==> flow/design.v <==
module u_arith_add_top #(
    parameter integer DWIDTH = 56
) (
    input  wire clk_i,
    input  wire rst_i,
    input  wire [DWIDTH-1:0] rs1_i,
    input  wire [DWIDTH-1:0] rs2_i,
    input  wire [DWIDTH-1:0] rs3_i,
    output wire [DWIDTH+1:0] out_o
);
    reg [DWIDTH-1:0] r_rs1;
    always @(posedge clk_i or posedge rst_i) begin
        if (rst_i) begin
            r_rs1 <= 0;
        end else begin
            r_rs1 <= rs1_i;
        end
    end
    reg [DWIDTH-1:0] r_rs2;
    always @(posedge clk_i or posedge rst_i) begin
        if (rst_i) begin
            r_rs2 <= 0;
        end else begin
            r_rs2 <= rs2_i;
        end
    end
    reg [DWIDTH-1:0] r_rs3;
    always @(posedge clk_i or posedge rst_i) begin
        if (rst_i) begin
            r_rs3 <= 0;
        end else begin
            r_rs3 <= rs3_i;
        end
    end
    wire [DWIDTH-1:0] val;
    assign val = r_rs1 ^ r_rs2 ^ r_rs3;
    wire [DWIDTH-1:0] carry;
    assign carry = (r_rs1 & r_rs2) | (r_rs1 & r_rs3) | (r_rs2 & r_rs3);
    assign out_o = val + {carry, 1'b0};
endmodule
From RTL to reports: u_arith_add_top --
The steps from the RTL of u_arith_add_top to its reports follow in flow order. Lines are those of the file above, counted from 1. Library cell names are shortened. The mark -- stands for no value.
Inputs: design top u_arith_add_top, clock clk_i, cell library sky130hd, library corner tt_025C_1v80

Word-level counts --
Counts by Yosys on the flattened word-level netlist (proc, flatten, opt, wreduce; memories kept). Register bits leave out memories and registers merged into their read ports (data or address); mux counts leave out enables and synchronous resets folded into registers. Print and check cells are left out. Cells with the same type and inputs are merged into one.
Storage and ports: elaborated cells 11, bits in latches 0, memory bits (writable) 0, word width x clocked read ports 0, output and inout port bits 58, memories 0, ROM bits 0, register bits after elaboration 168
Cells by class: equal/unequal tests 0, reductions and logical operators 0, multipliers 0, bitwise operators 7, mux-type cells 0, divide/modulo/power cells 0, shift-type cells 0, $add $sub $neg 1, magnitude comparators 0
Operators by type and width (number):
- 56-bit AND | 3
- 56-bit OR | 2
- 56-bit bitwise XOR | 2
- 56-bit by 57-bit adder with 58-bit output | 1

Longest topological paths --
Longest topological path by Yosys (ltp), each cell counted once; first at word level (registers and memories cut), then after technology mapping (sequential cells cut; the memories' decode and read muxes count).
Logic depth: depth in word-level cells 4, ABC_AREA 0, gate-level depth with buffers 13, mapped depth without buffers 13

Synthesis result --
The flow's flattened synthesis, as Yosys stat reports it; memories are mapped. The netlist is that of the ABC_AREA named above (0 if unset); the other value can give another one. Totals and module areas in this step are rounded.
Cell types (number):
- dfrtp_1 | 168
- fa_1 | 57
- ha_1 | 55
- a21oi_1 | 77
- xnor2_1 | 31
- a21o_1 | 27
- nand2_1 | 53
- xor2_1 | 19
- nor2_1 | 41
- inv_1 | 36
- o21ai_0 | 27
- nand4_1 | 20
- clkbuf_1 | 24
- o21bai_1 | 11
- a31oi_1 | 11
- nand3_1 | 12
- o211ai_1 | 6
- nor4_1 | 7
Not listed: further types 35, cells in them 76.
Synthesis totals: chip area (Yosys) 8776 um2, flip-flop cells 168, standard cells after synthesis 758, buffers 25, sequential part of the area 4204 um2

Worst setup path after synthesis --
Source: OpenSTA report_checks on the synthesized netlist (no wires, ideal clock, input and output delay 20% of the period each), path of least setup slack; recovery checks are left aside. Register names are those of the netlist, which keeps one name where synthesis merged equal registers.
Timing after synthesis: path kind reg2out, start register r_rs1[1], end output out_o[51], arrival 3.245 ns, path delay 3.245 ns, path buffers 0, period 5.07 ns, output delay 1.014 ns, time at the first pin 0.000 ns, setup slack 0.811 ns, required time 4.056 ns, driving pins on the path 12, period reached after synthesis 4.259 ns
"path delay" = arrival - input delay + setup time. A path that ends at an output port has no setup time. "driving pins on the path" counts driving pins, that of a launching flip-flop among them; a cell with two outputs on the path counts twice. "period reached after synthesis" = period - worst setup slack (recovery checks aside). The figure is calculated, with input and output delays left at 20% of the set period. The rows between start and end are the longest chain of elaborated cells between them; the timing report does not say that the signal goes this way. Where chains are equally long, one stands for them. A line is the first line of the expression or statement that the cell stems from. Yosys adds cells for indexed reads and writes and turns some case tables into memories.
On the way, after synthesis: path through dfrtp_1 fa_1 ha_1 fa_1 a21o_1 a221o_1 nand4_1 a21oi_1 o31ai_1 a21oi_2 and4_4 nor4_1, length of the longest elaborated chain 4, elaborated cells on any way between the ends 7, RTL lines with such cells 3, those cells by class add/sub: 1; logic: 6
RTL lines, path after synthesis:
- from (decl) | line 11 | reg [DWIDTH-1:0] r_rs1;
- from (assign) | line 14 | r_rs1 <= 0;
- from (assign) | line 16 | r_rs1 <= rs1_i;
- 56-bit AND | line 38 | assign carry = (r_rs1 & r_rs2) | (r_rs1 & r_rs3) | (r_rs2 & r_rs3);
- 56-bit OR x2 | line 38
- 56-bit by 57-bit adder with 58-bit output | line 39 | assign out_o = val + {carry, 1'b0};
- to (decl) | line 9 | output wire [DWIDTH+1:0] out_o

Path in the finished layout --
Path of least setup slack in the final report of entry A (OpenROAD, finished layout, wires in). Where an end is a register, its clock arrival counts in the times.
Timing after layout: path kind reg2out, start register r_rs3[1], end output out_o[53], output delay 1.01 ns, arrival 3.99 ns, period 5.07 ns, setup slack 0.06 ns, path buffers 4, driving pins on the path 16, time at the first pin 0.42 ns, required time 4.06 ns
The rows between start and end are the longest chain of elaborated cells between them; the timing report does not say that the signal goes this way. Where chains are equally long, one stands for them.
On the way, after layout: path through dfrtp_1 fa_1 ha_2 fa_2 a21o_1 a221o_1 a21oi_2 o221ai_2 a221oi_2 buf_4 buf_4 o21ai_2 a21oi_2 buf_4 xnor2_2 buf_2, length of the longest elaborated chain 4, elaborated cells on any way between the ends 6, RTL lines with such cells 3, those cells by class add/sub: 1; logic: 5
RTL lines, path after layout:
- from (decl) | line 27 | reg [DWIDTH-1:0] r_rs3;
- from (assign) | line 30 | r_rs3 <= 0;
- from (assign) | line 32 | r_rs3 <= rs3_i;
- 56-bit AND | line 38 | assign carry = (r_rs1 & r_rs2) | (r_rs1 & r_rs3) | (r_rs2 & r_rs3);
- 56-bit OR x2 | line 38
- 56-bit by 57-bit adder with 58-bit output | line 39 | assign out_o = val + {carry, 1'b0};
- to (decl) | line 9 | output wire [DWIDTH+1:0] out_o

FLOW RESULTS
============

3 stored runs of u_arith_add_top in the flow (synthesis by Yosys, layout by OpenROAD, sky130hd cells), in arbitrary order. Constraints: input delay and output delay 20% of the set period each, output load 0.01 pF.
"reached clock period" is the run's clock period less its worst setup slack. It is reckoned from that one timing run; input and output delays stay at 20% of the period that was set.
"worst setup path time": the worst setup path's part of the clock period (all of it between registers, 20% less for each end at a port) less its slack. A launch clock that arrives late makes it longer, a capture clock that arrives late makes it shorter.
"total design power": no workload was simulated; the value follows from the tool's default switching activity.
The results are shown rounded.

* Entry A | settings: period_ns 5.07; CAP_MARGIN 20; CORE_MARGIN 2; CORE_UTILIZATION 40; SLEW_MARGIN 20 | results: worst setup slack after layout 0.063 ns; reached clock period 5.007 ns; total die area 23140 um2; utilization after layout 56.4%; total design power 4747 µW; synthesis area 8776 um2; summed negative setup slack 0.000 ns; std-cell area (final layout) 12230 um2; worst hold slack after layout 1.018 ns; worst setup path time 3.99 ns; worst setup path type reg2out
* Entry B | settings: period_ns 6.6; CORE_UTILIZATION 59; PLACE_DENSITY 0.84; CORE_ASPECT_RATIO 0.54; CORE_MARGIN 7; CELL_PAD_IN_SITES_GLOBAL_PLACEMENT 2; CELL_PAD_IN_SITES_DETAIL_PLACEMENT 1; TNS_END_PERCENT 35; GPL_ROUTABILITY_DRIVEN 0; CTS_CLUSTER_DIAMETER 56; CAP_MARGIN 20; MIN_ROUTING_LAYER met1; MAX_ROUTING_LAYER met4; SLEW_MARGIN 20 | did not finish, placement stopped with GPL-0301
* Entry C | settings: period_ns 3.12; CORE_UTILIZATION 20; SETUP_SLACK_MARGIN 0.33; PLACE_DENSITY_LB_ADDON 0.2; CORE_MARGIN 9; CELL_PAD_IN_SITES_DETAIL_PLACEMENT 1; TNS_END_PERCENT 25; GPL_ROUTABILITY_DRIVEN 0; CAP_MARGIN 20; SLEW_MARGIN 20 | results: worst setup slack after layout -1.440 ns; reached clock period 4.560 ns; total die area 51740 um2; utilization after layout 34.0%; total design power 8894 µW; synthesis area 8776 um2; summed negative setup slack -56.85 ns; std-cell area (final layout) 14670 um2; worst hold slack after layout 0.577 ns; worst setup path time 3.94 ns; worst setup path type reg2out
